==> flow/design.v <==
module u_scratch_n #(
    parameter D = 16,
    parameter DATA_W = 16,
    parameter ADDR_W = $clog2(D),
    parameter NBLK = DATA_W / 8
) (
    input clk_i,
    input clk_en,
    input [NBLK-1:0] in_byte_en,
    input [ADDR_W-1:0] in_wa,
    input [DATA_W-1:0] in_wdata,
    input [ADDR_W-1:0] in_ra,
    output [DATA_W-1:0] out_rdata
);
    reg [DATA_W-1:0] rf [0:D-1];
    integer idx;
    always @(posedge clk_i) begin
        for (idx = 0; idx < NBLK; idx = idx + 1)
            if (clk_en && in_byte_en[idx]) rf[in_wa][8*idx +: 8] <= in_wdata[8*idx +: 8];
    end
    assign out_rdata = rf[in_ra];
endmodule
# Step by step through the tools: u_scratch_n

Tool output for the design above, in the order of the flow.
Line numbers count from 1 in the design file above.
Operators carry their Yosys type and port widths (W data, S select, Z words).
The mark -- stands for no value.

Top: u_scratch_n
Clock port: clk_i
Cell library: sky130hd
Library corner: tt_025C_1v80

# Word-level counts

Yosys after proc, flatten, opt, wreduce and memory -nomap, before mapping. Enables and synchronous resets that opt folds into registers are not counted as muxes. Memory bits, and registers merged into a memory's read port (data or address), are not among the register bits. Print and check cells are not counted. Equal cells are merged and count once.
Yosys's memory passes give these memory sizes; they may raise the number of words (mostly to a power of two), join words into wider ones and drop unused or constant bits.

Register bits: 0
Bits in latches: 0
Memory bits (writable): 256
Bits in read-only memories: 0
Word width x clocked read ports: 0
Memories kept: 1
Bits of input ports: 28
Output and inout bits: 16

$add $sub $neg: 0
$mul: 0
Div/mod/pow operators: 0
$lt $le $gt $ge: 0
Equal/unequal tests: 0
Shifts and indexed selects: 0
Muxes and demuxes: 4
Bitwise gates (word level): 0
Reductions and logical operators: 2

Memory list:

| memory | depth | bits a word | read ports | write ports | RTL line | source |
| rf     | 16    | 16          | 1          | 1           | 15       | `reg [DATA_W-1:0] rf [0:D-1];` |

Operator list:

| cell                | count |
| $mux W16            | 2 |
| $logic_and A1 B1 Y1 | 2 |
| $mux W1             | 2 |

# Logic depth

Yosys ltp: most cells in a row. Word level: on the elaborated netlist, between registers, memories and ports. Mapped: between sequential cells and ports; inverters and the memories' decode and read muxes count.

Word-level depth: 2
ABC_AREA: 1
Gate-level depth with buffers: 9

# Mapped cells and area

The flow's flattened synthesis, as Yosys stat reports it; memories are mapped. The netlist is that of the ABC_AREA named above (0 if unset); the other value can give another one.
The area totals of this step are shown rounded.

Cells by type:

| type                      | count | area in all (µm²) |
| sky130_fd_sc_hd__edfxtp_1 | 256   | 7.69E+03 |
| sky130_fd_sc_hd__nand2_1  | 356   | 1.34E+03 |
| sky130_fd_sc_hd__nand3_1  | 192   | 960.922 |
| sky130_fd_sc_hd__inv_1    | 200   | 750.72 |
| sky130_fd_sc_hd__buf_4    | 20    | 150.144 |
| sky130_fd_sc_hd__nor2_1   | 38    | 142.637 |
| sky130_fd_sc_hd__buf_2    | 18    | 90.086 |
| sky130_fd_sc_hd__buf_6    | 3     | 33.782 |
| sky130_fd_sc_hd__clkbuf_1 | 9     | 33.782 |
| sky130_fd_sc_hd__buf_1    | 3     | 11.261 |
| sky130_fd_sc_hd__inv_2    | 2     | 7.507 |

Mapped cells: 1097
Mapped area: 0.0112 mm²
Area of sequential cells: 0.007687 mm²
Mapped flip-flops: 256
Buffer cells: 53

# Path before layout

Source: OpenSTA report_checks on the synthesized netlist (no wires, ideal clock, input and output delay 20% of the period each), path of least setup slack; recovery checks are left aside. Register names are those of the netlist, which keeps one name where synthesis merged equal registers.

Kind: input to output
Start: input in_ra[1]
End: output out_rdata[6]
Period: 2.36 ns
Input delay: 0.472 ns
Output delay: 0.472 ns
Time at the first pin: 0.472 ns
Data arrival time: 1.203 ns
Data required time: 1.888 ns
Setup slack: 0.685 ns
Delay of the path: 0.731 ns
Stages on the path: 6
Path buffers: 1
Period reached after synthesis: 1.675 ns

"delay of the path" = arrival - input delay + setup time.
A path that ends at an output port has no setup time.
"stages on the path": output pins that drive a net of the path, with the launching flip-flop's if there is one; two outputs of one cell count as two.
"period reached after synthesis" = period - worst setup slack (recovery checks aside). The figure is calculated, with input and output delays left at 20% of the set period.
The rows between start and end are the longest chain of elaborated cells between them; the timing report does not say that the signal goes this way. Where chains are equally long, one stands for them.
A line is the first line of the expression or statement that the cell stems from. Yosys adds cells for indexed reads and writes and turns some case tables into memories.
The chain passes a memory read, where the word-level depth is cut; so it can be longer than that depth.

Cell sequence: sky130_fd_sc_hd__inv_2 -> sky130_fd_sc_hd__clkbuf_1 -> sky130_fd_sc_hd__nand3_1 -> sky130_fd_sc_hd__nand3_1 -> sky130_fd_sc_hd__nand3_1 -> sky130_fd_sc_hd__nand2_1
Length of the longest elaborated chain: 1

Ends and longest elaborated chain, post-synthesis:

| what            | RTL line | source |
| start, declared | 12       | `input [ADDR_W-1:0] in_ra,` |
| $mem_v2 Z16 W16 | 15       | `reg [DATA_W-1:0] rf [0:D-1];` |
| end, declared   | 13       | `output [DATA_W-1:0] out_rdata` |

# Worst path after layout

Path of least setup slack in the final report of entry A (OpenROAD, finished layout, wires in). Where an end is a register, its clock arrival counts in the times.

Kind: input to output
Start: input in_ra[0]
End: output out_rdata[0]
Period: 2.47 ns
Input delay: 0.49 ns
Output delay: 0.49 ns
Time at the first pin: 0.49 ns
Data arrival time: 1.87 ns
Data required time: 1.98 ns
Setup slack: 0.10 ns
Stages on the path: 10
Path buffers: 4

The rows between start and end are the longest chain of elaborated cells between them; the timing report does not say that the signal goes this way. Where chains are equally long, one stands for them.
The chain passes a memory read, where the word-level depth is cut; so it can be longer than that depth.

Cell sequence: sky130_fd_sc_hd__buf_6 -> sky130_fd_sc_hd__clkinv_8 -> sky130_fd_sc_hd__buf_4 -> sky130_fd_sc_hd__buf_12 -> sky130_fd_sc_hd__nand2_1 -> sky130_fd_sc_hd__nand3_1 -> sky130_fd_sc_hd__nand3_2 -> sky130_fd_sc_hd__nand3_1 -> sky130_fd_sc_hd__nand2_1 -> sky130_fd_sc_hd__dlygate4sd2_1
Length of the longest elaborated chain: 1

Ends and longest elaborated chain, after layout:

| what            | RTL line | source |
| start, declared | 12       | `input [ADDR_W-1:0] in_ra,` |
| $mem_v2 Z16 W16 | 15       | `reg [DATA_W-1:0] rf [0:D-1];` |
| end, declared   | 13       | `output [DATA_W-1:0] out_rdata` |

Below are 3 stored runs of the flow (Yosys, OpenROAD; platform sky130hd) on u_scratch_n, each with its settings and what was measured, unordered. Constraints: input delay and output delay 20% of the set period each, output load 0.01 pF.
By "achieved clock period" is meant the clock period of the run minus its worst setup slack. This is arithmetic on one report: input and output delays are still those of the set period (20% each).
By "critical setup path time" is meant the share of the clock period that the worst setup path is allowed (20% is reserved at inputs, 20% at outputs), minus its slack. Clock arrival times at its registers enter into it.
"total power of the final layout" rests on the timing tool's default activity at the inputs, not on a simulated workload.
Values from the reports are rounded here.
Settings: - = not set for that run.

| item                                         | entry A         | entry B            | entry C            |
| period_ns                                    | 2.47            | 2.36               | 2.02               |
| CORE_UTILIZATION                             | 23              | 40                 | 16                 |
| PLACE_DENSITY_LB_ADDON                       | 0.04            | -                  | 0.07               |
| CELL_PAD_IN_SITES_GLOBAL_PLACEMENT           | 0               | -                  | 3                  |
| ABC_AREA                                     | 1               | -                  | -                  |
| GPL_TIMING_DRIVEN                            | 1               | -                  | 1                  |
| CTS_CLUSTER_DIAMETER                         | 247             | -                  | -                  |
| CAP_MARGIN                                   | 30              | 20                 | 5                  |
| SLEW_MARGIN                                  | 15              | 20                 | 5                  |
| MIN_ROUTING_LAYER                            | met2            | -                  | -                  |
| CORE_MARGIN                                  | 2               | 2                  | 2                  |
| SETUP_SLACK_MARGIN                           | -               | -                  | -0.18              |
| CORE_ASPECT_RATIO                            | -               | -                  | 0.62               |
| CELL_PAD_IN_SITES_DETAIL_PLACEMENT           | -               | -                  | 2                  |
| GPL_ROUTABILITY_DRIVEN                       | -               | -                  | 0                  |
| CTS_CLUSTER_SIZE                             | -               | -                  | 22                 |
| critical setup path time (ns)                | 1.38            | 1.88               | 1.96               |
| worst setup path type                        | input to output | register to output | register to output |
| total power of the final layout (uW)         | 9914            | 9805               | 12410              |
| achieved clock period (ns)                   | 2.365           | 2.351              | 2.365              |
| final setup TNS (ns)                         | 0.000           | 0.000              | -4.064             |
| standard-cell area of the final layout (mm²) | 0.01428         | 0.01228            | 0.01348            |
| worst setup slack after layout (ns)          | 0.105           | 0.009              | -0.345             |
| worst hold slack in the final report (ns)    | 0.708           | 0.920              | 0.676              |
| utilization after layout (%)                 | 29.8            | 50.5               | 22.1               |
| netlist area reported by Yosys (mm²)         | 0.0112          | 0.00991            | 0.00991            |
| die area (mm²)                               | 0.0505          | 0.02605            | 0.064              |
